==> flow/design.v <==
module core_reg_bank_blk #(
  parameter D = 20,
  parameter DATA_WIDTH = 2,
  parameter AWIDTH = $clog2(D)
) (
  input logic CLK,
  input logic clr,
  input logic we_in,
  input logic [AWIDTH-1:0] wr_idx_in,
  input logic [DATA_WIDTH-1:0] wr_data_in,
  input logic [AWIDTH-1:0] read_addr0_in,
  input logic [AWIDTH-1:0] read_addr1_in,
  output logic [DATA_WIDTH-1:0] q0_out,
  output logic [DATA_WIDTH-1:0] q1_out
);
  logic we_d1;
  logic [AWIDTH-1:0] wr_idx_d1;
  logic [DATA_WIDTH-1:0] wr_data_d1;
  always_ff @(posedge CLK) begin
    if (clr) begin
      we_d1 <= 1'b0;
      wr_idx_d1 <= 0;
      wr_data_d1 <= 0;
    end else begin
      we_d1 <= we_in;
      wr_idx_d1 <= wr_idx_in;
      wr_data_d1 <= wr_data_in;
    end
  end
  logic [DATA_WIDTH-1:0] ram [0:D-1];
  always_ff @(posedge CLK) begin
    if (clr) begin
      for (int k = 0; k < D; k++)
        ram[k] <= 0;
    end else if (we_d1) begin
      ram[wr_idx_d1] <= wr_data_d1;
    end
  end
  logic [AWIDTH-1:0] read_addr0_d1;
  logic [AWIDTH-1:0] read_addr1_d1;
  always_ff @(posedge CLK) begin
    if (clr) begin
      read_addr0_d1 <= 0;
      read_addr1_d1 <= 0;
    end else begin
      read_addr0_d1 <= read_addr0_in;
      read_addr1_d1 <= read_addr1_in;
    end
  end
  assign q0_out = ram[read_addr0_d1];
  assign q1_out = ram[read_addr1_d1];
endmodule
# --- Step by step through the tools: core_reg_bank_blk ---
# What the tools print for core_reg_bank_blk, step after step.
# Lines are those of the file above, counted from 1.
design:
  top: "core_reg_bank_blk"
  clock_port: "CLK"
  cell_library: "sky130hd"
  pvt_corner: "tt_025C_1v80"

# --- After elaboration ---
# Yosys after proc, flatten, opt, wreduce and memory -nomap, before mapping. Print and check cells are not counted. Equal cells are merged and count once.
# Memory sizes are those after Yosys's memory passes, which may raise the word count (mostly to a power of two), join words into wider ones and drop unused or constant bits.
word_totals:
  register_bits: 8
  ram_bits: 64
  mem_count: 1
  input_bits: 20
  out_inout_bits: 4
  word_cells: 13
op_classes:
  mux: 9
mem_list:
  columns: ["memory", "size", "width", "line_no", "text"]
  rows:
  - ["ram", 32, 2, 30, "logic [DATA_WIDTH-1:0] ram [0:D-1];"]
op_table:
  columns: ["op", "count"]
  rows:
  - ["5-bit two-way mux", 4]
  - ["2-bit two-way mux", 2]
  - ["1-bit two-way mux", 3]

# --- Depth ---
# Longest topological path by Yosys (ltp), each cell counted once; first at word level (registers and memories cut), then after technology mapping (sequential cells cut; the memories' decode and read muxes count).
logic_depth:
  ltp_word: 2
  ABC_AREA: 0
  mapped_depth: 7
  depth_no_buf: 5

# --- After synthesis ---
# Source: synth_stat.txt of the flow (Yosys; design flattened, memories mapped). It holds for the ABC_AREA given above (unset counts as 0); a run with the other value may have another netlist.
synth_totals:
  mapped_cells: 352
  area_um2: 4205.3
  seq_area_um2: 2282.2
  ff_cells: 82
  buf_cells: 32
types:
  columns: ["cell", "count", "type_area_um2"]
  rows:
  - ["sky130_fd_sc_hd__edfxtp_1", 64, 1.92E+03]
  - ["sky130_fd_sc_hd__mux2i_1", 64, 640.614]
  - ["sky130_fd_sc_hd__dfxtp_1", 18, 360.346]
  - ["sky130_fd_sc_hd__a22oi_1", 28, 210.202]
  - ["sky130_fd_sc_hd__nor3_1", 39, 195.187]
  - ["sky130_fd_sc_hd__o21bai_1", 20, 150.144]
  - ["sky130_fd_sc_hd__nor2b_1", 23, 143.888]
  - ["sky130_fd_sc_hd__buf_6", 8, 90.086]
  - ["sky130_fd_sc_hd__clkbuf_1", 17, 63.811]
  - ["sky130_fd_sc_hd__nor2_1", 16, 60.058]
  - ["sky130_fd_sc_hd__nand2_1", 12, 45.043]
  - ["sky130_fd_sc_hd__and4b_1", 4, 40.038]
  - ["sky130_fd_sc_hd__buf_12", 2, 40.038]
  - ["sky130_fd_sc_hd__nand4b_1", 4, 35.034]
  - ["sky130_fd_sc_hd__o311ai_1", 4, 35.034]
  - ["sky130_fd_sc_hd__nand3b_1", 4, 30.029]
  - ["sky130_fd_sc_hd__a31oi_1", 4, 25.024]
  - ["sky130_fd_sc_hd__a21oi_1", 4, 20.019]
# Not listed: further types 10, cells in them 17.

# --- Timing after synthesis ---
# OpenSTA on the mapped netlist: ideal clock, no wires. The path of least setup slack (recovery checks aside). Input and output delay are each 20% of the period. Register names are those of the netlist, which keeps one name where synthesis merged equal registers.
synth_timing:
  path_type: "register to output"
  start: "reg (no name shown)"
  end: "out q0_out[0]"
  tclk_ps: 2000
  out_delay_ps: 400
  t_first_pin_ps: 0
  arrival_ps: 1278
  required_ps: 1600
  slack_ps: 322
  path_delay_ps: 1278
  path_stages: 8
  n_path_buf: 3
  synth_period_reached_ps: 1678
# "path_delay_ps" = arrival - input delay + setup time.
# A path that ends at an output port has no setup time.
# "path_stages" counts driving pins, that of a launching flip-flop among them; a cell with two outputs on the path counts twice.
# "synth_period_reached_ps" = period - worst setup slack (recovery checks aside). The figure is calculated, with input and output delays left at 20% of the set period.
synth_between:
  cell_sequence: "sky130_fd_sc_hd__dfxtp_1 > sky130_fd_sc_hd__buf_6 > sky130_fd_sc_hd__buf_12 > sky130_fd_sc_hd__buf_6 > sky130_fd_sc_hd__mux2i_1 > sky130_fd_sc_hd__a22oi_1 > sky130_fd_sc_hd__a31oi_1 > sky130_fd_sc_hd__o311ai_1"
synth_rtl:
  columns: ["item", "line_no", "text"]
  rows:
  - ["end: declaration", 13, "output logic [DATA_WIDTH-1:0] q0_out,"]
# No chain of elaborated cells between the ends is given.

# --- Worst path after layout ---
# Path of least setup slack in the final report of record 1 (OpenROAD, finished layout, wires in). Where an end is a register, its clock arrival counts in the times.
# The path's times are printed in steps of 10 ps; the period is the one set.
layout_timing:
  path_type: "register to output"
  start: "reg (no name shown)"
  end: "out q1_out[1]"
  tclk_ps: 2000
  out_delay_ps: 400
  t_first_pin_ps: 370
  arrival_ps: 1970
  required_ps: 1600
  slack_ps: -370
  path_stages: 8
  n_path_buf: 2
layout_between:
  cell_sequence: "sky130_fd_sc_hd__dfxtp_4 > sky130_fd_sc_hd__buf_12 > sky130_fd_sc_hd__mux2i_4 > sky130_fd_sc_hd__a22oi_2 > sky130_fd_sc_hd__and4b_1 > sky130_fd_sc_hd__a31oi_1 > sky130_fd_sc_hd__o311ai_2 > sky130_fd_sc_hd__buf_2"
layout_rtl:
  columns: ["item", "line_no", "text"]
  rows:
  - ["end: declaration", 14, "output logic [DATA_WIDTH-1:0] q1_out"]
# No chain of elaborated cells between the ends is given.

# core_reg_bank_blk through Yosys and OpenROAD on sky130hd: 2 stored runs, unordered, with their settings and measured results. The constraints put input and output delay at 20% of the set period each and load the outputs with 0.01 pF.
# "achieved_period_ps" means the clock period less the worst setup slack. The figure is calculated, with input and output delays left at 20% of the set period.
# "worst_path_allowed_less_slack_ps": the worst setup path's part of the clock period (all of it between registers, 20% less for each end at a port) less its slack. A launch clock that arrives late makes it longer, a capture clock that arrives late makes it shorter.
# "fin_power_uw": no workload was simulated; the value follows from the tool's default switching activity.
# "worst_path_allowed_less_slack_ps" is given in steps of 10 ps.
runs:
  - name: "record 1"
    settings:
      period_ns: 2.0
      CAP_MARGIN: 20
      CORE_MARGIN: 2
      CORE_UTILIZATION: 40
      SLEW_MARGIN: 20
    results:
      die_footprint_um2: 11349.7
      worst_path_allowed_less_slack_ps: 1970
      timing.worst_path_kind: "register to output"
      timing.setup.ws_ps: -375
      fin_tns_ps: -1327
      cell_area_final_um2: 5245.0
      utilization_pct: 51.0
      achieved_period_ps: 2375
      yosys.chip_area_um2: 4205.3
      hold_worst_slack_ps: 573
      fin_power_uw: 3753
  - name: "record 2"
    settings:
      period_ns: 3.04
      CORE_UTILIZATION: 50
      PLACE_DENSITY_LB_ADDON: 0.24
      CORE_MARGIN: 2
      CELL_PAD_IN_SITES_DETAIL_PLACEMENT: 1
      TNS_END_PERCENT: 70
      GPL_TIMING_DRIVEN: 0
      CTS_CLUSTER_SIZE: 40
      MIN_ROUTING_LAYER: "met2"
      MAX_ROUTING_LAYER: "met5"
      CAP_MARGIN: 20
      SLEW_MARGIN: 20
    results:
      die_footprint_um2: 9160.4
      worst_path_allowed_less_slack_ps: 2450
      timing.worst_path_kind: "register to output"
      timing.setup.ws_ps: -23
      fin_tns_ps: -23
      cell_area_final_um2: 4775.8
      utilization_pct: 58.4
      achieved_period_ps: 3063
      yosys.chip_area_um2: 4205.3
      hold_worst_slack_ps: 688
      fin_power_uw: 2308
